==> flow/design.v <==
module scratch_mod #(
   parameter int D = 96,
   parameter int DATA_W = 10,
   parameter int ABITS = $clog2(D)
) (
   input logic CLK,
   input logic RSTN,
   input logic wen_i,
   input logic [ABITS-1:0] wa_i,
   input logic [DATA_W-1:0] wdata_i,
   input logic [ABITS-1:0] ra0_i,
   input logic [ABITS-1:0] ra1_i,
   output logic [DATA_W-1:0] q0_o,
   output logic [DATA_W-1:0] q1_o
);
   logic r_wen;
   logic [ABITS-1:0] r_wa;
   logic [DATA_W-1:0] r_wdata;
   always_ff @(posedge CLK or negedge RSTN) begin
      if (!RSTN) begin
         r_wen <= 1'b0;
         r_wa <= '0;
         r_wdata <= '0;
      end else begin
         r_wen <= wen_i;
         r_wa <= wa_i;
         r_wdata <= wdata_i;
      end
   end
   logic [DATA_W-1:0] ram [D-1:0];
   always_ff @(posedge CLK or negedge RSTN) begin
      if (!RSTN) begin
         for (int t = 0; t < D; t++)
            ram[t] <= '0;
      end else if (r_wen) begin
         ram[r_wa] <= r_wdata;
      end
   end
   logic [ABITS-1:0] r_ra0;
   logic [ABITS-1:0] r_ra1;
   logic [DATA_W-1:0] r_q0;
   always_ff @(posedge CLK or negedge RSTN) begin
      if (!RSTN) begin
         r_ra0 <= '0;
         r_ra1 <= '0;
         r_q0 <= '0;
      end else begin
         r_ra0 <= ra0_i;
         r_ra1 <= ra1_i;
         r_q0 <= ram[r_ra0];
      end
   end
   assign q0_o = r_q0;
   logic [DATA_W-1:0] r_q1;
   always_ff @(posedge CLK or negedge RSTN) begin
      if (!RSTN) begin
         r_q1 <= '0;
      end else begin
         r_q1 <= ram[r_ra1];
      end
   end
   assign q1_o = r_q1;
endmodule
# --- Step by step through the tools: scratch_mod ---
# What the tools print for scratch_mod, step after step.
# Lines are those of the file above, counted from 1.
setup:
  design: "scratch_mod"
  clk_port: "CLK"
  cell_library: "sky130hd"
  corner: "tt_025C_1v80"

# --- Word-level counts ---
# Yosys after proc, flatten, opt, wreduce and memory -nomap, before mapping. Enables and synchronous resets that opt folds into registers are not counted as muxes. Print and check cells are not counted. Equal cells are merged and count once.
word_totals:
  regBits: 1012
  latchBits: 0
  mem_bits_rw: 0
  mem_bits_ro: 0
  clocked_rd_ports_x_width: 0
  mem_count: 0
  output_inout_bits: 20
  wordCells: 489
classes:
  add_sub_neg: 0
  n_mul: 0
  n_div: 0
  n_cmp: 0
  equal: 285
  shifts: 0
  mux: 2
  bitwise: 0
  reduce_and_logical: 99
ops:
  columns: ["op", "n"]
  rows:
  - ["10-bit case mux with 96-bit select", 2]
  - ["7-bit by 6-bit equality test with 1-bit output with constant B", 96]
  - ["7-bit equality test with constant B", 96]
  - ["7-bit by 5-bit equality test with 1-bit output with constant B", 48]
  - ["2-bit AND reduction", 96]
  - ["7-bit by 4-bit equality test with 1-bit output with constant B", 24]
  - ["7-bit by 3-bit equality test with 1-bit output with constant B", 12]
  - ["7-bit by 2-bit equality test with 1-bit output with constant B", 6]
  - ["7-bit by 1-bit equality test with 1-bit output with constant B", 3]
  - ["7-bit logical NOT", 3]

# --- Logic depth ---
# Longest topological path by Yosys (ltp), each cell counted once; first at word level (registers and memories cut), then after technology mapping (sequential cells cut; the memories' decode and read muxes count).
depth:
  word_depth: 2
  ABC_AREA: 0
  mapped_depth: 12
  ltp_nobuf: 7

# --- Mapped cells and area ---
# Source: synth_stat.txt of the flow (Yosys; design flattened, memories mapped). It holds for the ABC_AREA given above (unset counts as 0); a run with the other value may have another netlist.
# The area totals of this step are shown rounded.
synth_totals:
  stdcells: 4428
  area_um2: 51700
  seqArea_um2: 25320
  ff_cells: 1012
  buf_cells: 422
by_type:
  columns: ["type", "n"]
  rows:
  - ["sky130_fd_sc_hd__dfrtp_1", 1012]
  - ["sky130_fd_sc_hd__mux2_2", 989]
  - ["sky130_fd_sc_hd__a22oi_1", 367]
  - ["sky130_fd_sc_hd__a32oi_1", 150]
  - ["sky130_fd_sc_hd__nand3_1", 256]
  - ["sky130_fd_sc_hd__clkbuf_1", 245]
  - ["sky130_fd_sc_hd__a22o_1", 74]
  - ["sky130_fd_sc_hd__nand4_1", 100]
  - ["sky130_fd_sc_hd__a222oi_1", 58]
  - ["sky130_fd_sc_hd__buf_2", 116]
  - ["sky130_fd_sc_hd__nand2_1", 150]
  - ["sky130_fd_sc_hd__nor2_1", 147]
  - ["sky130_fd_sc_hd__o22ai_1", 84]
  - ["sky130_fd_sc_hd__a221oi_1", 54]
  - ["sky130_fd_sc_hd__a31oi_1", 62]
  - ["sky130_fd_sc_hd__a21oi_1", 65]
  - ["sky130_fd_sc_hd__nor4_1", 50]
  - ["sky130_fd_sc_hd__mux2i_1", 24]
# Not listed: further types 65, cells in them 425.

# --- Path before layout ---
# Path of least setup slack by OpenSTA after synthesis, without wires, with an ideal clock, recovery checks aside; 20% of the period is set as input and as output delay. Where synthesis merged equal registers, the netlist keeps one of their names.
synth_path:
  kind: "register -> register"
  startpoint: "register r_ra1[4]"
  endpoint: "register r_q1[0]"
  period_ps: 3080
  setup_ps: 132
  arrival_time_ps: 2333
  t_required_ps: 2948
  path_slack_ps: 615
  delay_ps: 2465
  stages: 11
  path_buffers: 3
  period_less_setup_slack_ps: 2465
# "delay_ps" is the arrival time less input delay plus setup time.
# "stages" counts driving pins, that of a launching flip-flop among them; a cell with two outputs on the path counts twice.
# "period_less_setup_slack_ps" = period - worst setup slack (recovery checks aside). The figure is calculated, with input and output delays left at 20% of the set period.
# Between the ends stands the longest chain of elaborated cells between them, by number of cells; it is not shown to be the way that was timed. Of several equally long chains one is given.
# Each line given opens the expression or statement behind the cell; cells for indexed reads and writes are added by Yosys, which also makes memories of some case tables.
synth_via:
  cell_sequence: "sky130_fd_sc_hd__dfrtp_1 sky130_fd_sc_hd__buf_4 sky130_fd_sc_hd__buf_2 sky130_fd_sc_hd__buf_1 sky130_fd_sc_hd__mux2i_1 sky130_fd_sc_hd__nor3_1 sky130_fd_sc_hd__a32oi_1 sky130_fd_sc_hd__nand4_1 sky130_fd_sc_hd__or4_1 sky130_fd_sc_hd__nor4_1 sky130_fd_sc_hd__a2bb2oi_1"
  elab_chain_cells: 2
  cone_cells: 97
  lines_between: 1
  cone_classes: "eq/ne: 95; mux: 1; reduce/logical: 1"
synth_lines:
  columns: ["item", "line", "text"]
  rows:
  - ["from (decl)", 40, "logic [ABITS-1:0] r_ra1;"]
  - ["from (assign)", 45, "r_ra1 <= '0;"]
  - ["from (assign)", 49, "r_ra1 <= ra1_i;"]
  - ["7-bit equality test", 59, "r_q1 <= ram[r_ra1];"]
  - ["10-bit case mux with 96-bit select", 59, null]
  - ["to (assign)", 57, "r_q1 <= '0;"]
  - ["to (assign)", 59, null]
  - ["to (decl)", 54, "logic [DATA_W-1:0] r_q1;"]

# --- Path in the finished layout ---
# From the final timing report of run 2: the path of least setup slack in the routed layout; clock arrival at registers is part of the times.
# The report prints the path's times to 10 ps; the period is as set.
layout_path:
  kind: "register -> register"
  startpoint: "register r_ra1[0]"
  endpoint: "register r_q1[4]"
  period_ps: 3080
  setup_ps: 160
  arrival_time_ps: 3840
  t_required_ps: 3720
  path_slack_ps: -120
  stages: 13
  path_buffers: 6
# Between the ends stands the longest chain of elaborated cells between them, by number of cells; it is not shown to be the way that was timed. Of several equally long chains one is given.
layout_via:
  cell_sequence: "sky130_fd_sc_hd__dfrtp_1 sky130_fd_sc_hd__buf_12 sky130_fd_sc_hd__buf_4 sky130_fd_sc_hd__nand4b_1 sky130_fd_sc_hd__buf_4 sky130_fd_sc_hd__buf_4 sky130_fd_sc_hd__nor2_1 sky130_fd_sc_hd__buf_4 sky130_fd_sc_hd__buf_12 sky130_fd_sc_hd__a32oi_1 sky130_fd_sc_hd__o2111ai_1 sky130_fd_sc_hd__nor4_2 sky130_fd_sc_hd__a41oi_1"
  elab_chain_cells: 2
  cone_cells: 97
  lines_between: 1
  cone_classes: "eq/ne: 95; mux: 1; reduce/logical: 1"
layout_lines:
  columns: ["item", "line", "text"]
  rows:
  - ["from (decl)", 40, "logic [ABITS-1:0] r_ra1;"]
  - ["from (assign)", 45, "r_ra1 <= '0;"]
  - ["from (assign)", 49, "r_ra1 <= ra1_i;"]
  - ["7-bit equality test", 59, "r_q1 <= ram[r_ra1];"]
  - ["10-bit case mux with 96-bit select", 59, null]
  - ["to (assign)", 57, "r_q1 <= '0;"]
  - ["to (assign)", 59, null]
  - ["to (decl)", 54, "logic [DATA_W-1:0] r_q1;"]

# Below are 3 stored runs of the flow (Yosys, OpenROAD; platform sky130hd) on scratch_mod, each with its settings and what was measured, unordered. Constraints: input delay and output delay 20% of the set period each, output load 0.01 pF.
# "timing.achieved_period_ps" is the run's clock period less its worst setup slack. It is reckoned from that one timing run; input and output delays stay at 20% of the period that was set.
# By "worst_path_time_ps" is meant the share of the clock period that the worst setup path is allowed (20% is reserved at inputs, 20% at outputs), minus its slack. Clock arrival times at its registers enter into it.
# "power_uw" rests on the timing tool's default activity at the inputs, not on a simulated workload.
# "worst_path_time_ps" is known to 10 ps.
# The results are shown rounded.
runs:
  - name: "run 1"
    settings:
      period_ns: 2.39
      CORE_UTILIZATION: 65
      PLACE_DENSITY_LB_ADDON: 0.08
      CELL_PAD_IN_SITES_GLOBAL_PLACEMENT: 2
      CELL_PAD_IN_SITES_DETAIL_PLACEMENT: 0
      CTS_CLUSTER_DIAMETER: 97
      CAP_MARGIN: 20
      CORE_MARGIN: 2
      SLEW_MARGIN: 20
    outcome: "not finished: placement ended with error FLW-0024"
  - name: "run 2"
    settings:
      period_ns: 3.08
      CAP_MARGIN: 20
      CORE_MARGIN: 2
      CORE_UTILIZATION: 40
      SLEW_MARGIN: 20
    results:
      synth_area_um2: 51700
      design.die.area_um2: 132200
      finalCellArea_um2: 65540
      finish.utilization_pct: 51.3
      worstSetupSlack_ps: -122
      setupTns_ps: -549
      final_hold_ws_ps: 221
      power_uw: 35750
      timing.achieved_period_ps: 3202
      worst_path_time_ps: 3200
      critical_path_type: "register -> register"
  - name: "run 3"
    settings:
      period_ns: 2.83
      CORE_UTILIZATION: 15
      PLACE_DENSITY: 0.36
      CORE_ASPECT_RATIO: 1.92
      SLEW_MARGIN: 25
      CAP_MARGIN: 20
      CORE_MARGIN: 2
    results:
      synth_area_um2: 51700
      design.die.area_um2: 349700
      finalCellArea_um2: 76000
      finish.utilization_pct: 22.2
      worstSetupSlack_ps: -376
      setupTns_ps: -3926
      final_hold_ws_ps: 174
      power_uw: 39770
      timing.achieved_period_ps: 3206
      worst_path_time_ps: 3210
      critical_path_type: "register -> register"
